==> flow/design.v <==
module ex_cmp #(
   parameter int XLEN = 7
) (
   input logic clk,
   input logic [XLEN-1:0] first,
   input logic [XLEN-1:0] second,
   input logic [XLEN-1:0] third,
   output logic [XLEN-1:0] dout
);
   logic [XLEN-1:0] first_r;
   always_ff @(posedge clk)
      first_r <= first;
   logic [XLEN-1:0] second_r;
   always_ff @(posedge clk)
      second_r <= second;
   logic [XLEN-1:0] third_r;
   always_ff @(posedge clk)
      third_r <= third;
   assign dout = (first_r < second_r) ? second_r : (first_r > third_r) ? third_r : first_r;
endmodule
# Tool chain data of ex_cmp
# What the tools print for ex_cmp, step after step.
# Line numbers count from 1 in the design file above.
design:
  top_module: "ex_cmp"
  clk_port: "clk"
  cell_library: "sky130hd"
  corner: "tt_025C_1v80"

# Elaborated design
# Counts by Yosys on the flattened word-level netlist (proc, flatten, opt, wreduce; memories kept). Register bits leave out memories and registers merged into their read ports (data or address); mux counts leave out enables and synchronous resets folded into registers. Print and check cells are left out. Cells with the same type and inputs are merged into one.
bits:
  in_bits: 22
  ff_bits: 21
  word_cells: 7
classes:
  muxes: 2
  cmp: 2
op_table:
  columns: ["cell", "count"]
  rows:
  - ["7-bit 2-to-1 mux", 2]
  - ["7-bit greater-than comparator", 1]
  - ["7-bit < comparator", 1]

# Logic depth
# Longest topological path by Yosys (ltp), each cell counted once; first at word level (registers and memories cut), then after technology mapping (sequential cells cut; the memories' decode and read muxes count).
logic_depth:
  depth_word: 3
  ABC_AREA: 0
  mapped_depth: 7
  depth_no_buf: 7

# Synthesis result
# The flow's flattened synthesis, as Yosys stat reports it; memories are mapped. The netlist is that of the ABC_AREA named above (0 if unset); the other value can give another one.
mapped:
  area_um2: 907.1
  n_buf: 0
  stdcells: 81
  ffs: 21
types:
  columns: ["cell_type", "count"]
  rows:
  - ["sky130_fd_sc_hd__dfxtp_1", 21]
  - ["sky130_fd_sc_hd__ha_1", 13]
  - ["sky130_fd_sc_hd__mux2i_1", 12]
  - ["sky130_fd_sc_hd__inv_1", 13]
  - ["sky130_fd_sc_hd__a21oi_1", 6]
  - ["sky130_fd_sc_hd__mux2_4", 2]
  - ["sky130_fd_sc_hd__nand4_2", 1]
  - ["sky130_fd_sc_hd__o22ai_2", 1]
  - ["sky130_fd_sc_hd__nand3_1", 2]
  - ["sky130_fd_sc_hd__a21oi_2", 1]
  - ["sky130_fd_sc_hd__o21ai_2", 1]
  - ["sky130_fd_sc_hd__a21o_1", 1]
  - ["sky130_fd_sc_hd__nand2_1", 2]
  - ["sky130_fd_sc_hd__nand3b_1", 1]
  - ["sky130_fd_sc_hd__nor2b_1", 1]
  - ["sky130_fd_sc_hd__o21ai_0", 1]
  - ["sky130_fd_sc_hd__o21ai_1", 1]
  - ["sky130_fd_sc_hd__nor2_1", 1]

# Timing after synthesis
# Path of least setup slack by OpenSTA after synthesis, without wires, with an ideal clock, recovery checks aside; 20% of the period is set as input and as output delay. Where synthesis merged equal registers, the netlist keeps one of their names.
synth_timing:
  path_kind: "register to output"
  from: "register third_r[2]"
  to: "output port dout[0]"
  required_ns: 2.272
  n_path_buf: 0
  tclk_ns: 2.84
  stages: 8
  launch_ns: 0.000
  output_delay_ns: 0.568
  setup_slack_ns: 0.453
  arrival_time_ns: 1.819
  path_delay_ns: 1.819
  synth_period_reached_ns: 2.387
# "path_delay_ns" is the arrival time less input delay plus setup time.
# A path that ends at an output port has no setup time.
# "stages": output pins that drive a net of the path, with the launching flip-flop's if there is one; two outputs of one cell count as two.
# "synth_period_reached_ns" = period - worst setup slack (recovery checks aside). The figure is calculated, with input and output delays left at 20% of the set period.
# The rows between start and end are the longest chain of elaborated cells between them; the timing report does not say that the signal goes this way. Where chains are equally long, one stands for them.
# A line is the first line of the expression or statement that the cell stems from. Yosys adds cells for indexed reads and writes and turns some case tables into memories.
synth_between:
  cell_sequence: "sky130_fd_sc_hd__dfxtp_1 > sky130_fd_sc_hd__inv_1 > sky130_fd_sc_hd__ha_1 > sky130_fd_sc_hd__a21oi_1 > sky130_fd_sc_hd__a21oi_2 > sky130_fd_sc_hd__o22ai_2 > sky130_fd_sc_hd__mux2_4 > sky130_fd_sc_hd__mux2_4"
  elab_chain_len: 3
  cells_between: 3
  cone_lines: 1
synth_rtl:
  columns: ["item", "line", "rtl"]
  rows:
  - ["start, declared", 16, "logic [XLEN-1:0] third_r;"]
  - ["start, assigned", 18, "third_r <= third;"]
  - ["7-bit greater-than comparator", 19, "assign dout = (first_r < second_r) ? second_r : (first_r > third_r) ? third_r : first_r;"]
  - ["7-bit 2-to-1 mux (2 in a row)", 19, null]
  - ["end, declared", 8, "output logic [XLEN-1:0] dout"]

# Worst path after layout
# From the final timing report of record 1: the path of least setup slack in the routed layout; clock arrival at registers is part of the times.
layout_timing:
  path_kind: "register to output"
  from: "register first_r[5]"
  to: "output port dout[1]"
  launch_ns: 0.29
  stages: 9
  tclk_ns: 2.84
  output_delay_ns: 0.57
  arrival_time_ns: 2.15
  required_ns: 2.27
  n_path_buf: 2
  setup_slack_ns: 0.12
# The rows between start and end are the longest chain of elaborated cells between them; the timing report does not say that the signal goes this way. Where chains are equally long, one stands for them.
layout_between:
  cell_sequence: "sky130_fd_sc_hd__dfxtp_1 > sky130_fd_sc_hd__ha_1 > sky130_fd_sc_hd__nand2_1 > sky130_fd_sc_hd__o21ai_1 > sky130_fd_sc_hd__o22ai_2 > sky130_fd_sc_hd__buf_6 > sky130_fd_sc_hd__mux2i_1 > sky130_fd_sc_hd__mux2i_1 > sky130_fd_sc_hd__dlygate4sd2_1"
  elab_chain_len: 3
  cells_between: 4
  cone_lines: 1
layout_rtl:
  columns: ["item", "line", "rtl"]
  rows:
  - ["start, declared", 10, "logic [XLEN-1:0] first_r;"]
  - ["start, assigned", 12, "first_r <= first;"]
  - ["7-bit greater-than comparator", 19, "assign dout = (first_r < second_r) ? second_r : (first_r > third_r) ? third_r : first_r;"]
  - ["7-bit 2-to-1 mux (2 in a row)", 19, null]
  - ["end, declared", 8, "output logic [XLEN-1:0] dout"]

# Measured data: module ex_cmp, platform sky130hd, 3 stored runs of the flow under differing settings, order arbitrary. Input and output delays are each 20% of the period that was set; the output load is 0.01 pF.
# "achievedPeriod_ns" is the run's clock period less its worst setup slack. It is reckoned from that one timing run; input and output delays stay at 20% of the period that was set.
# "worstPathTime_ns" is the time allowed to the run's worst setup path (the clock period less input and output delay, where it has them) less its slack. Clock arrival times count: a late capture clock shortens it, a late launch clock lengthens it.
# "power_total_uw" rests on the timing tool's default activity at the inputs, not on a simulated workload.
runs:
  - name: "record 1"
    settings:
      period_ns: 2.84
      CAP_MARGIN: 20
      CORE_MARGIN: 2
      CORE_UTILIZATION: 40
      SLEW_MARGIN: 20
    results:
      power_total_uw: 613.4
      worstPathTime_ns: 2.15
      critical_path_type: "register to output"
      finish.stdcell_area_um2: 1318.8
      timing.setup.tns_ns: 0.000
      final_util_pct: 60.8
      worstSetupSlack_ns: 0.124
      die_um2: 2664.6
      holdWs_ns: 0.696
      yosys_chip_area_um2: 907.1
      achievedPeriod_ns: 2.716
  - name: "record 2"
    settings:
      period_ns: 1.58
      CORE_UTILIZATION: 66
      SETUP_SLACK_MARGIN: 0.33
      PLACE_DENSITY: 0.88
      CORE_ASPECT_RATIO: 1.17
      CELL_PAD_IN_SITES_GLOBAL_PLACEMENT: 3
      CELL_PAD_IN_SITES_DETAIL_PLACEMENT: 1
      GPL_TIMING_DRIVEN: 0
      CTS_CLUSTER_SIZE: 37
      SLEW_MARGIN: 35
      MIN_ROUTING_LAYER: "met1"
      CAP_MARGIN: 20
      CORE_MARGIN: 2
    outcome: "incomplete, placement halted on GPL-0301"
  - name: "record 3"
    settings:
      period_ns: 2.39
      CORE_UTILIZATION: 62
      SETUP_SLACK_MARGIN: 0.16
      PLACE_DENSITY_LB_ADDON: 0.15
      CORE_ASPECT_RATIO: 1.93
      CELL_PAD_IN_SITES_DETAIL_PLACEMENT: 1
      TNS_END_PERCENT: 60
      ABC_AREA: 0
      CTS_CLUSTER_DIAMETER: 210
      MAX_ROUTING_LAYER: "met5"
      CAP_MARGIN: 20
      CORE_MARGIN: 2
      SLEW_MARGIN: 20
    outcome: "incomplete, floorplanning halted on PDN-0185"
